==> flow/design.v <==
module my_cmp_unit_stage #(
  parameter W = 12
) (
  input  logic CLK,
  input  logic rst,
  input  logic [W-1:0] lhs_in,
  input  logic [W-1:0] rhs_in,
  input  logic [W-1:0] extra_in,
  output logic between_out
);
  logic between_s;
  always_ff @(posedge CLK or posedge rst) begin
    if (rst) begin
      between_s <= 1'b0;
    end else begin
      between_s <= (lhs_in >= rhs_in) && (lhs_in <= extra_in);
    end
  end
  assign between_out = between_s;
endmodule
# Reports on my_cmp_unit_stage
# Tool output for the members of one design family, told apart by "W", in the order of the flow.
# The RTL above is that of W 12; lines are counted from 1 in the file of the member named.
# Operators carry their Yosys type and port widths (W data, S select, Z words).
# Cell names lack the library's common part.
# A cell with - has no value.
[setup]
top_module = "my_cmp_unit_stage"
clock = "CLK"
library = "sky130hd"
lib_corner = "tt_025C_1v80"

# Source of the members
# Lines of each other member's file that are new or changed against the file above; lines that a member lacks are not shown.
[changed_lines]
columns = ["W", "line", "source"]
rows = [
  [48, 2, "parameter W = 48"],
  [72, 2, "parameter W = 72"],
  [96, 2, "parameter W = 96"],
]

# Word-level counts
# Yosys after proc, flatten, opt, wreduce and memory -nomap, before mapping. Enables and synchronous resets that opt folds into registers are not counted as muxes. Memory bits, and registers merged into a memory's read port (data or address), are not among the register bits. Print and check cells are not counted. Equal cells are merged and count once.
[bits]
columns = ["W", "register_bits", "input_bits", "word_cells"]
rows = [
  [12, 1, 38, 4],
  [48, 1, 146, 4],
  [72, 1, 218, 4],
  [96, 1, 290, 4],
]
[op_classes]
columns = ["W", "n_reduce_logical", "compare"]
rows = [
  [12, 1, 2],
  [48, 1, 2],
  [72, 1, 2],
  [96, 1, 2],
]
[op_table]
columns = ["W", "operators"]
rows = [
  [12, "1 x $ge A12 B12 Y1; 1 x $le A12 B12 Y1; 1 x $logic_and A1 B1 Y1"],
  [48, "1 x $ge A48 B48 Y1; 1 x $le A48 B48 Y1; 1 x $logic_and A1 B1 Y1"],
  [72, "1 x $ge A72 B72 Y1; 1 x $le A72 B72 Y1; 1 x $logic_and A1 B1 Y1"],
  [96, "1 x $ge A96 B96 Y1; 1 x $le A96 B96 Y1; 1 x $logic_and A1 B1 Y1"],
]

# Depth
# Yosys ltp: most cells in a row. Word level: on the elaborated netlist, between registers, memories and ports. Mapped: between sequential cells and ports; inverters and the memories' decode and read muxes count.
[depth]
columns = ["W", "depth_word", "ABC_AREA", "depth_mapped", "depth_no_buf"]
rows = [
  [12, 2, 0, 7, 7],
  [48, 2, 0, 8, 8],
  [72, 2, 0, 9, 9],
  [96, 2, 0, 9, 9],
]

# Netlist
# Yosys stat after the flow's synthesis: flattened, memories mapped to cells. It holds for the ABC_AREA given above (unset counts as 0); a run with the other value may have another netlist.
[synth_totals]
columns = ["W", "stdcells", "ffs", "n_buf", "seq_area_um2", "synth_area_um2"]
rows = [
  [12, 84, 1, 0, 25.0, 619.3],
  [48, 353, 1, 0, 25.0, 2456.1],
  [72, 514, 1, 0, 25.0, 3628.5],
  [96, 687, 1, 0, 25.0, 4825.9],
]
[by_type]
columns = ["W", "cell_types"]
rows = [
  [12, "24 x ha_1; 26 x inv_1; 7 x a21oi_1; 4 x a21o_1; 1 x dfrtp_1; 3 x nand4_1; 4 x nor2_1; 1 x nand4_2; 3 x nand2_1; 1 x a221o_1; 2 x nand3_1; 2 x o21ai_0; 1 x a2bb2oi_1; 1 x a211oi_1; 1 x o211ai_1; 1 x or4_1; 1 x nand2b_1; 1 x o22ai_1"],
  [48, "96 x ha_1; 101 x inv_1; 40 x a21oi_1; 34 x nand2_1; 12 x o21ai_0; 8 x nand4_1; 9 x nand3_1; 8 x nor3_1; 3 x nand4_2; 8 x nor2_1; 3 x a221oi_1; 3 x and4_1; 1 x dfrtp_1; 2 x a2111oi_0; 2 x a21o_1; 3 x o21ai_1; 2 x or4_1; 2 x a31oi_1; (+16)"],
  [72, "144 x ha_1; 146 x inv_1; 53 x a21oi_1; 36 x nand2_1; 21 x nand4_1; 19 x o21ai_0; 18 x nand3_1; 10 x a21o_1; 17 x nor2_1; 7 x a221oi_1; 5 x and4_1; 5 x nor4_1; 1 x dfrtp_1; 2 x a221o_1; 2 x a211o_1; 1 x a2111oi_2; 2 x a211oi_1; 1 x a221oi_2; (+24)"],
  [96, "192 x ha_1; 195 x inv_1; 73 x a21oi_1; 36 x nand4_1; 43 x nand2_1; 18 x a21o_1; 27 x o21ai_0; 15 x nand3_1; 17 x nor2_1; 8 x a211oi_1; 8 x nor4_1; 8 x nor3_1; 5 x o211ai_1; 5 x nor2b_1; 3 x a2111oi_0; 3 x a221oi_1; 1 x dfrtp_1; 4 x nand2b_1; (+26)"],
]
# The mark (+n) counts cells that are not listed.

# Worst setup path after synthesis
# OpenSTA on the mapped netlist: ideal clock, no wires. The path of least setup slack (recovery checks aside). Input and output delay are each 20% of the period. Register names are those of the netlist, which keeps one name where synthesis merged equal registers.
[synth_timing]
columns = ["W", "kind", "startpoint", "endpoint", "tclk_ns", "driving_pins", "slack_ns", "path_delay_ns", "period_less_setup_slack_ns"]
rows = [
  [12, "input port to flip-flop", "input lhs_in[0]", "register between_s", 1.88, 7, 0.302, 1.202, 1.578],
  [48, "input port to flip-flop", "input extra_in[29]", "register between_s", 2.52, 8, 0.403, 1.613, 2.117],
  [72, "input port to flip-flop", "input extra_in[1]", "register between_s", 2.43, 9, 0.387, 1.557, 2.043],
  [96, "input port to flip-flop", "input rhs_in[93]", "register between_s", 2.72, 8, 0.433, 1.743, 2.287],
]
# "path_delay_ns" = arrival - input delay + setup time.
# "driving_pins": output pins that drive a net of the path, with the launching flip-flop's if there is one; two outputs of one cell count as two.
# "period_less_setup_slack_ns" = period - worst setup slack (recovery checks aside). The figure is calculated, with input and output delays left at 20% of the set period.
# Between the ends stands the longest chain of elaborated cells between them, by number of cells; it is not shown to be the way that was timed. Of several equally long chains one is given.
# A line is the first line of the expression or statement that the cell stems from. Yosys adds cells for indexed reads and writes and turns some case tables into memories.
[synth_via_W_12]
elab_chain_len = 2
[synth_rtl_W_12]
columns = ["element", "line", "source"]
rows = [
  ["from (decl)", 6, "input  logic [W-1:0] lhs_in,"],
  ["$ge A12 B12 Y1", 16, "between_s <= (lhs_in >= rhs_in) && (lhs_in <= extra_in);"],
  ["$logic_and A1 B1 Y1", 16, ""],
  ["to (assign)", 14, "between_s <= 1'b0;"],
  ["to (assign)", 16, ""],
  ["to (decl)", 11, "logic between_s;"],
]
[synth_via_W_96]
elab_chain_len = 2
[synth_rtl_W_96]
columns = ["element", "line", "source"]
rows = [
  ["from (decl)", 7, "input  logic [W-1:0] rhs_in,"],
  ["$ge A96 B96 Y1", 16, "between_s <= (lhs_in >= rhs_in) && (lhs_in <= extra_in);"],
  ["$logic_and A1 B1 Y1", 16, ""],
  ["to (assign)", 14, "between_s <= 1'b0;"],
  ["to (assign)", 16, ""],
  ["to (decl)", 11, "logic between_s;"],
]

# Path in the finished layout
# Path of least setup slack in the final report of the run of each member (OpenROAD, finished layout, wires in). Where an end is a register, its clock arrival counts in the times.
[layout_timing]
columns = ["W", "kind", "startpoint", "endpoint", "arrival_ns", "driving_pins", "tclk_ns", "path_buffers", "slack_ns"]
rows = [
  [12, "input port to flip-flop", "input rhs_in[2]", "register between_s", 1.79, 7, 1.88, 1, -0.04],
  [48, "input port to flip-flop", "input rhs_in[8]", "register between_s", 2.49, 9, 2.52, 1, -0.04],
  [72, "input port to flip-flop", "input rhs_in[59]", "register between_s", 2.49, 11, 2.43, 2, -0.14],
  [96, "input port to flip-flop", "input rhs_in[41]", "register between_s", 2.68, 10, 2.72, 2, -0.05],
]

# Flow runs
# Settings and results of one run of the flow (Yosys, OpenROAD) for each member follow. The constraints put input and output delay at 20% of the set period each and load the outputs with 0.01 pF.
[flow_settings]
CAP_MARGIN = 20
CORE_MARGIN = 2
CORE_UTILIZATION = 40
SLEW_MARGIN = 20
[settings_by_member]
columns = ["W", "period_ns"]
rows = [
  [12, 1.88],
  [48, 2.52],
  [72, 2.43],
  [96, 2.72],
]
[measured]
columns = ["W", "total_die_area_um2", "finalCellArea_um2", "synth_area_um2", "achievedPeriod_ns", "final_setup_tns_ns", "timing.setup.ws_ns"]
rows = [
  [12, 1879.2, 1346.3, 619.3, 1.918, -0.038, -0.038],
  [48, 6783.2, 5149.9, 2456.1, 2.557, -0.037, -0.037],
  [72, 9848.6, 8040.2, 3628.5, 2.568, -0.138, -0.138],
  [96, 12959.5, 9133.8, 4825.9, 2.765, -0.045, -0.045],
]
# "achievedPeriod_ns": clock period set for the run, less the worst setup slack. It is reckoned from that one timing run; input and output delays stay at 20% of the period that was set.
